==> flow/design.v <==
module u_arith_add_stage (aclk, valid, bus, init, q);
  parameter integer DATA_W = 40;
  parameter integer EXT = 4;
  input aclk;
  input valid;
  input [DATA_W-1:0] bus;
  input init;
  output [DATA_W+EXT-1:0] q;
  reg [DATA_W-1:0] bus_q;
  reg init_q;
  reg [DATA_W+EXT-1:0] state;
  assign q = state;
  always @(posedge aclk) begin
    if (valid) begin
      bus_q <= bus;
      init_q <= init;
      state <= init_q ? bus_q : state + bus_q;
    end
  end
endmodule
# Reports on u_arith_add_stage
# Tool output for the design above, in the order of the flow.
# Lines are those of the file above, counted from 1.
# Operators carry their Yosys type and port widths (W data, S select, Z words).
inputs:
  top_module: "u_arith_add_stage"
  clock_port: "aclk"
  cell_library: "sky130hd"
  lib_corner: "tt_025C_1v80"

# Elaborated design
# Yosys after proc, flatten, opt, wreduce and memory -nomap, before mapping. Enables and synchronous resets that opt folds into registers are not counted as muxes. Memory bits, and registers merged into a memory's read port (data or address), are not among the register bits. Print and check cells are not counted. Equal cells are merged and count once.
word_totals:
  register_bits: 85
  latchBits: 0
  ram_bits: 0
  mem_bits_ro: 0
  clocked_rd_ports_x_width: 0
  n_memories: 0
  wordCells: 6
classes:
  n_addsub: 1
  mul: 0
  n_div: 0
  compare: 0
  equal: 0
  shift: 0
  muxes: 1
  n_logic: 0
  reduce_and_logical: 0
op_table:
  columns: ["operator", "n"]
  rows:
  - ["$add A44 B40 Y44", 1]
  - ["$mux W40", 1]

# Depth
# Yosys ltp: most cells in a row. Word level: on the elaborated netlist, between registers, memories and ports. Mapped: between sequential cells and ports; inverters and the memories' decode and read muxes count.
logic_depth:
  word_depth: 2
  ABC_AREA: 0
  depth_mapped: 10

# Mapped cells and area
# Source: synth_stat.txt of the flow (Yosys; design flattened, memories mapped). It holds for the ABC_AREA given above (unset counts as 0); a run with the other value may have another netlist.
# The area totals of this step are shown rounded.
mapped:
  cell_count: 504
  synth_area_um2: 5270
  sequential_area_um2: 2550
  ffs: 85
by_type:
  columns: ["type", "n"]
  rows:
  - ["sky130_fd_sc_hd__edfxtp_1", 85]
  - ["sky130_fd_sc_hd__ha_1", 40]
  - ["sky130_fd_sc_hd__nand2_1", 74]
  - ["sky130_fd_sc_hd__o21ai_0", 45]
  - ["sky130_fd_sc_hd__a21oi_1", 40]
  - ["sky130_fd_sc_hd__xnor2_1", 17]
  - ["sky130_fd_sc_hd__xor2_1", 12]
  - ["sky130_fd_sc_hd__a21o_1", 13]
  - ["sky130_fd_sc_hd__nor2_1", 23]
  - ["sky130_fd_sc_hd__mux2_2", 7]
  - ["sky130_fd_sc_hd__o211ai_1", 10]
  - ["sky130_fd_sc_hd__a2111oi_4", 2]
  - ["sky130_fd_sc_hd__nand3_1", 11]
  - ["sky130_fd_sc_hd__clkbuf_1", 12]
  - ["sky130_fd_sc_hd__nand4_1", 7]
  - ["sky130_fd_sc_hd__nor3_1", 8]
  - ["sky130_fd_sc_hd__a31oi_1", 6]
  - ["sky130_fd_sc_hd__inv_1", 10]
# Not listed: further types 39, cells in them 82.

# Timing after synthesis
# Path of least setup slack by OpenSTA after synthesis, without wires, with an ideal clock, recovery checks aside; 20% of the period is set as input and as output delay. Where synthesis merged equal registers, the netlist keeps one of their names.
synth_timing:
  kind: "register to register"
  start: "reg state[0]"
  end: "reg state[42]"
  tclk_ns: 3.62
  setup_ns: 0.260
  launch_ns: 0.000
  t_arrival_ns: 2.638
  required_ns: 3.360
  path_slack_ns: 0.723
  delay_ns: 2.898
  path_stages: 11
  n_path_buf: 0
  synth_period_reached_ns: 2.897
# "delay_ns" is the arrival time less input delay plus setup time.
# "path_stages": output pins that drive a net of the path, with the launching flip-flop's if there is one; two outputs of one cell count as two.
# "synth_period_reached_ns" is the clock period less the worst setup slack; recovery checks do not enter. This is arithmetic on one report: input and output delays are still those of the set period (20% each).
# The rows between start and end are the longest chain of elaborated cells between them; the timing report does not say that the signal goes this way. Where chains are equally long, one stands for them.
# A line is the first line of the expression or statement that the cell stems from. Yosys adds cells for indexed reads and writes and turns some case tables into memories.
synth_between:
  path_cell_list: "sky130_fd_sc_hd__edfxtp_1 sky130_fd_sc_hd__ha_1 sky130_fd_sc_hd__fa_1 sky130_fd_sc_hd__a211oi_1 sky130_fd_sc_hd__o21ai_1 sky130_fd_sc_hd__o31ai_1 sky130_fd_sc_hd__nand2_1 sky130_fd_sc_hd__a21oi_1 sky130_fd_sc_hd__o211ai_2 sky130_fd_sc_hd__nand3_1 sky130_fd_sc_hd__mux2_2"
  elab_chain_cells: 1
  cells_between: 1
  lines_between: 1
  cone_classes: "add/sub (1)"
synth_lines:
  columns: ["item", "line", "rtl"]
  rows:
  - ["from (decl)", 11, "reg [DATA_W+EXT-1:0] state;"]
  - ["from (assign)", 17, "state <= init_q ? bus_q : state + bus_q;"]
  - ["$add A44 B40 Y44", 17, null]
  - ["to (assign)", 17, null]
  - ["to (decl)", 11, null]

# Timing after layout
# From the final timing report of job 1: the path of least setup slack in the routed layout; clock arrival at registers is part of the times.
layout_timing:
  kind: "register to register"
  start: "reg state[0]"
  end: "reg state[42]"
  tclk_ns: 3.62
  setup_ns: 0.24
  launch_ns: 0.35
  t_arrival_ns: 3.18
  required_ns: 3.73
  path_slack_ns: 0.55
  path_stages: 12
  n_path_buf: 1
# The rows between start and end are the longest chain of elaborated cells between them; the timing report does not say that the signal goes this way. Where chains are equally long, one stands for them.
layout_between:
  path_cell_list: "sky130_fd_sc_hd__edfxtp_1 sky130_fd_sc_hd__ha_1 sky130_fd_sc_hd__fa_1 sky130_fd_sc_hd__a211oi_1 sky130_fd_sc_hd__o21ai_1 sky130_fd_sc_hd__o31ai_1 sky130_fd_sc_hd__nand2_1 sky130_fd_sc_hd__a21oi_1 sky130_fd_sc_hd__buf_4 sky130_fd_sc_hd__o211ai_2 sky130_fd_sc_hd__nand3_1 sky130_fd_sc_hd__mux2_2"
  elab_chain_cells: 1
  cells_between: 1
  lines_between: 1
  cone_classes: "add/sub (1)"
layout_lines:
  columns: ["item", "line", "rtl"]
  rows:
  - ["from (decl)", 11, "reg [DATA_W+EXT-1:0] state;"]
  - ["from (assign)", 17, "state <= init_q ? bus_q : state + bus_q;"]
  - ["$add A44 B40 Y44", 17, null]
  - ["to (assign)", 17, null]
  - ["to (decl)", 11, null]

# Settings and measured results of 3 stored flow runs for module u_arith_add_stage (sky130hd), not sorted in any way. The constraints put input and output delay at 20% of the set period each and load the outputs with 0.01 pF.
# "period_reached_ns" = clock period - worst setup slack. The figure is calculated, with input and output delays left at 20% of the set period.
# By "timing.worst_path_ns" is meant the share of the clock period that the worst setup path is allowed (20% is reserved at inputs, 20% at outputs), minus its slack. Clock arrival times at its registers enter into it.
# "total_power_mw" rests on the timing tool's default activity at the inputs, not on a simulated workload.
# The measured numbers are rounded.
runs:
  - name: "job 1"
    settings:
      period_ns: 3.62
      CAP_MARGIN: 20
      CORE_MARGIN: 2
      CORE_UTILIZATION: 40
      SLEW_MARGIN: 20
    results:
      post_synth_area_um2: 5270
      final_die_area_um2: 14100
      stdcell_area_um2: 6600
      finish.utilization_pct: 51.9
      setup_ws_ns: 0.551
      setupTns_ns: 0.000
      hold_worst_slack_ns: 0.566
      total_power_mw: 3.56
      period_reached_ns: 3.069
      timing.worst_path_ns: 3.07
      critical_path_kind: "register to register"
  - name: "job 2"
    settings:
      period_ns: 5.27
      CORE_UTILIZATION: 27
      SETUP_SLACK_MARGIN: -0.27
      PLACE_DENSITY: 0.77
      HOLD_SLACK_MARGIN: 0.1
      CORE_MARGIN: 10
      CELL_PAD_IN_SITES_DETAIL_PLACEMENT: 1
      GPL_TIMING_DRIVEN: 0
      CTS_CLUSTER_SIZE: 61
      CTS_CLUSTER_DIAMETER: 368
      SLEW_MARGIN: 10
      CAP_MARGIN: 20
    results:
      post_synth_area_um2: 5270
      final_die_area_um2: 25500
      stdcell_area_um2: 6800
      finish.utilization_pct: 35.2
      setup_ws_ns: 1.84
      setupTns_ns: 0.000
      hold_worst_slack_ns: 0.577
      total_power_mw: 2.59
      period_reached_ns: 3.429
      timing.worst_path_ns: 3.43
      critical_path_kind: "register to register"
  - name: "job 3"
    settings:
      period_ns: 1.82
      CORE_UTILIZATION: 16
      SETUP_SLACK_MARGIN: 0.2
      CORE_ASPECT_RATIO: 0.55
      CELL_PAD_IN_SITES_GLOBAL_PLACEMENT: 0
      ABC_AREA: 0
      GPL_TIMING_DRIVEN: 0
      GPL_ROUTABILITY_DRIVEN: 0
      CTS_CLUSTER_DIAMETER: 79
      SLEW_MARGIN: 35
      MAX_ROUTING_LAYER: "met4"
      CAP_MARGIN: 20
      CORE_MARGIN: 2
    results:
      post_synth_area_um2: 5270
      final_die_area_um2: 34500
      stdcell_area_um2: 8310
      finish.utilization_pct: 25.5
      setup_ws_ns: -1.20
      setupTns_ns: -32.0
      hold_worst_slack_ns: 0.376
      total_power_mw: 8.57
      period_reached_ns: 3.017
      timing.worst_path_ns: 3.02
      critical_path_kind: "register to register"
